==> flow/design.v <==
module my_mult #(
    parameter DW = 7
) (
    input  ck,
    input  nrst,
    input  [DW-1:0] a,
    input  [DW-1:0] b,
    output reg [2*DW-1:0] result
);
    reg [DW-1:0] r_a;
    reg [DW-1:0] r_b;
    always @(posedge ck) begin
        if (!nrst) begin
            r_a <= 0;
            r_b <= 0;
            result <= 0;
        end else begin
            r_a <= a;
            r_b <= b;
            result <= r_a * r_b;
        end
    end
endmodule
**Tool chain data of my_mult**

Tool output for the design above, in the order of the flow.
Lines are those of the file above, counted from 1.
Library cell names are shortened.
Not given: n/a

- Top module: my_mult
- Clock: ck
- Library: sky130hd
- Timing corner: tt_025C_1v80

**Word-level counts**

Source: Yosys, flattened and elaborated, memories not mapped. Widths are those after wreduce; folded enables and synchronous resets count as part of the registers. Registers that Yosys merges into a memory's read port (data or address) are not register bits. Print and check cells do not count. Equal cells are merged and count once.

- Input bits: 16
- Register bits after elaboration: 28

- Multipliers: 1

Operators with widths:

| kind | count |
|---|---|
| multiplier 7 x 7 -> 14 bit | 1 |

**Logic depth**

Depth = most cells in a row (Yosys ltp): at word level without a register or memory, in the mapped netlist without a sequential cell, where the memories' decode and read muxes count.

- Word-level depth: 1
- ABC_AREA: 0
- Mapped depth: 15
- Gate-level depth less buffers: 15

**Netlist**

Source: synth_stat.txt of the flow (Yosys; design flattened, memories mapped). It holds for the ABC_AREA given above (unset counts as 0); a run with the other value may have another netlist.

Cells by type:

| cell type | count | total area (um^2) |
|---|---|---|
| dfxtp_1 | 28 | 560.538 |
| fa_1 | 24 | 480.461 |
| ha_1 | 32 | 400.384 |
| and2_1 | 49 | 306.544 |
| nand2_1 | 30 | 112.608 |
| inv_1 | 26 | 97.594 |
| xnor2_1 | 6 | 52.55 |
| a21oi_2 | 5 | 43.792 |
| a21oi_1 | 5 | 25.024 |
| nor2_1 | 6 | 22.522 |
| a211oi_4 | 1 | 20.019 |
| o21ai_1 | 4 | 20.019 |
| nand2b_1 | 3 | 18.768 |
| o21ai_2 | 2 | 17.517 |
| o221ai_1 | 2 | 17.517 |
| a211oi_1 | 2 | 15.014 |
| nor3_1 | 3 | 15.014 |
| o21ai_0 | 3 | 15.014 |

Other cell types: 16; their cells: 18.

- Cell count: 249
- Area of sequential cells: 560.5 um^2
- Cell area after synthesis: 2,389.8 um^2
- Flip-flop cells: 28
- Buffer cells: 4

**Path before layout**

Source: OpenSTA report_checks on the synthesized netlist (no wires, ideal clock, input and output delay 20% of the period each), path of least setup slack; recovery checks are left aside. Register names are those of the netlist, which keeps one name where synthesis merged equal registers.

- Kind: reg2reg
- From: register r_b[6]
- To: register result[10]
- Arrival: 3.617 ns
- Time at the first pin: 0.000 ns
- Period: 4.67 ns
- Path delay: 3.732 ns
- Path slack: 0.938 ns
- Required time: 4.555 ns
- Stages on the path: 15
- Synthesis period reached: 3.732 ns

"path delay" = arrival - input delay + setup time.
"stages on the path": output pins that drive a net of the path, with the launching flip-flop's if there is one; two outputs of one cell count as two.
"synthesis period reached" is the clock period less the worst setup slack; recovery checks do not enter. This is arithmetic on one report: input and output delays are still those of the set period (20% each).
Between the ends stands the longest chain of elaborated cells between them, by number of cells; it is not shown to be the way that was timed. Of several equally long chains one is given.
Each line given opens the expression or statement behind the cell; cells for indexed reads and writes are added by Yosys, which also makes memories of some case tables.

- Cells stage by stage: dfxtp_1 > nand2_1 > fa_1 > fa_1 > inv_1 > fa_1 > inv_1 > fa_1 > inv_1 > ha_1 > o21ai_1 > o21ai_2 > o22ai_2 > xnor2_1 > and2_1
- Length of the longest elaborated chain: 1

RTL lines, path after synthesis:

| element | RTL line | source |
|---|---|---|
| from (decl) | 11 | `reg [DW-1:0] r_b;` |
| from (assign) | 15 | `r_b <= 0;` |
| from (assign) | 19 | `r_b <= b;` |
| multiplier 7 x 7 -> 14 bit | 20 | `result <= r_a * r_b;` |
| to (assign) | 16 | `result <= 0;` |
| to (assign) | 20 |  |
| to (decl) | 8 | `output reg [2*DW-1:0] result` |

**Worst path after layout**

Path of least setup slack in the final report of flow run 1 (OpenROAD, finished layout, wires in). Where an end is a register, its clock arrival counts in the times.

- Kind: reg2reg
- From: register r_b[6]
- To: register result[8]
- Stages on the path: 15
- Time at the first pin: 0.28 ns
- Arrival: 4.22 ns
- Path slack: 0.64 ns
- Required time: 4.85 ns
- Period: 4.67 ns

Between the ends stands the longest chain of elaborated cells between them, by number of cells; it is not shown to be the way that was timed. Of several equally long chains one is given.

- Cells stage by stage: dfxtp_1 > nand2_1 > fa_1 > fa_1 > inv_1 > fa_1 > inv_1 > fa_1 > inv_1 > ha_1 > o21ai_1 > o21ai_2 > a21oi_2 > xnor2_1 > and2_1
- Length of the longest elaborated chain: 1

RTL lines, path post-layout:

| element | RTL line | source |
|---|---|---|
| from (decl) | 11 | `reg [DW-1:0] r_b;` |
| from (assign) | 15 | `r_b <= 0;` |
| from (assign) | 19 | `r_b <= b;` |
| multiplier 7 x 7 -> 14 bit | 20 | `result <= r_a * r_b;` |
| to (assign) | 16 | `result <= 0;` |
| to (assign) | 20 |  |
| to (decl) | 8 | `output reg [2*DW-1:0] result` |

==> runs of my_mult <==
my_mult through Yosys and OpenROAD on sky130hd: 3 stored runs, unordered, with their settings and measured results. The constraints put input and output delay at 20% of the set period each and load the outputs with 0.01 pF.
"achieved clock period" = clock period - worst setup slack. The figure is calculated, with input and output delays left at 20% of the set period.
"worst path time": the worst setup path's part of the clock period (all of it between registers, 20% less for each end at a port) less its slack. A launch clock that arrives late makes it longer, a capture clock that arrives late makes it shorter.
By "power" is meant OpenSTA's value without simulated activity: inputs other than the clock are taken to toggle once in ten clock periods, and the tool carries that through the logic.

### Flow run 1

Settings: `period_ns=4.67`, `CAP_MARGIN=20`, `CORE_MARGIN=2`, `CORE_UTILIZATION=40`, `SLEW_MARGIN=20`

- Chip area in the Yosys report: 2,389.8 um^2
- Die footprint: 6,608.9 um^2
- Standard-cell area after routing: 2,822.7 um^2
- Utilization of the finished layout: 0.482
- Lowest setup slack: 0.637 ns
- Total negative slack on setup checks: 0.000 ns
- Post-route worst hold slack: 0.603 ns
- Power: 612.2 µW
- Achieved clock period: 4.033 ns
- Worst path time: 4.03 ns
- Worst setup path kind: reg2reg

### Flow run 2

Settings: `period_ns=2.88`, `CORE_UTILIZATION=15`, `SETUP_SLACK_MARGIN=0.27`, `PLACE_DENSITY_LB_ADDON=0.07`, `CORE_ASPECT_RATIO=0.67`, `CORE_MARGIN=2`, `CELL_PAD_IN_SITES_DETAIL_PLACEMENT=2`, `TNS_END_PERCENT=90`, `GPL_ROUTABILITY_DRIVEN=0`, `CTS_CLUSTER_SIZE=23`, `CAP_MARGIN=20`, `SLEW_MARGIN=20`

- Chip area in the Yosys report: 2,389.8 um^2
- Die footprint: 16,977.8 um^2
- Standard-cell area after routing: 3,953.8 um^2
- Utilization of the finished layout: 0.256
- Lowest setup slack: -0.675 ns
- Total negative slack on setup checks: -5.208 ns
- Post-route worst hold slack: 0.669 ns
- Power: 1,289 µW
- Achieved clock period: 3.555 ns
- Worst path time: 3.56 ns
- Worst setup path kind: reg2reg

### Flow run 3

Settings: `period_ns=6.34`, `CORE_UTILIZATION=51`, `SETUP_SLACK_MARGIN=0.45`, `PLACE_DENSITY_LB_ADDON=0.25`, `TNS_END_PERCENT=100`, `ABC_AREA=1`, `GPL_TIMING_DRIVEN=0`, `GPL_ROUTABILITY_DRIVEN=0`, `CTS_CLUSTER_SIZE=78`, `CAP_MARGIN=5`, `SLEW_MARGIN=25`, `MAX_ROUTING_LAYER=met5`, `CORE_MARGIN=2`

- Chip area in the Yosys report: 2,462.4 um^2
- Die footprint: 5,400.1 um^2
- Standard-cell area after routing: 2,881.5 um^2
- Utilization of the finished layout: 0.614
- Lowest setup slack: 2.356 ns
- Total negative slack on setup checks: 0.000 ns
- Post-route worst hold slack: 0.593 ns
- Power: 447.2 µW
- Achieved clock period: 3.984 ns
- Worst path time: 3.98 ns
- Worst setup path kind: reg2reg
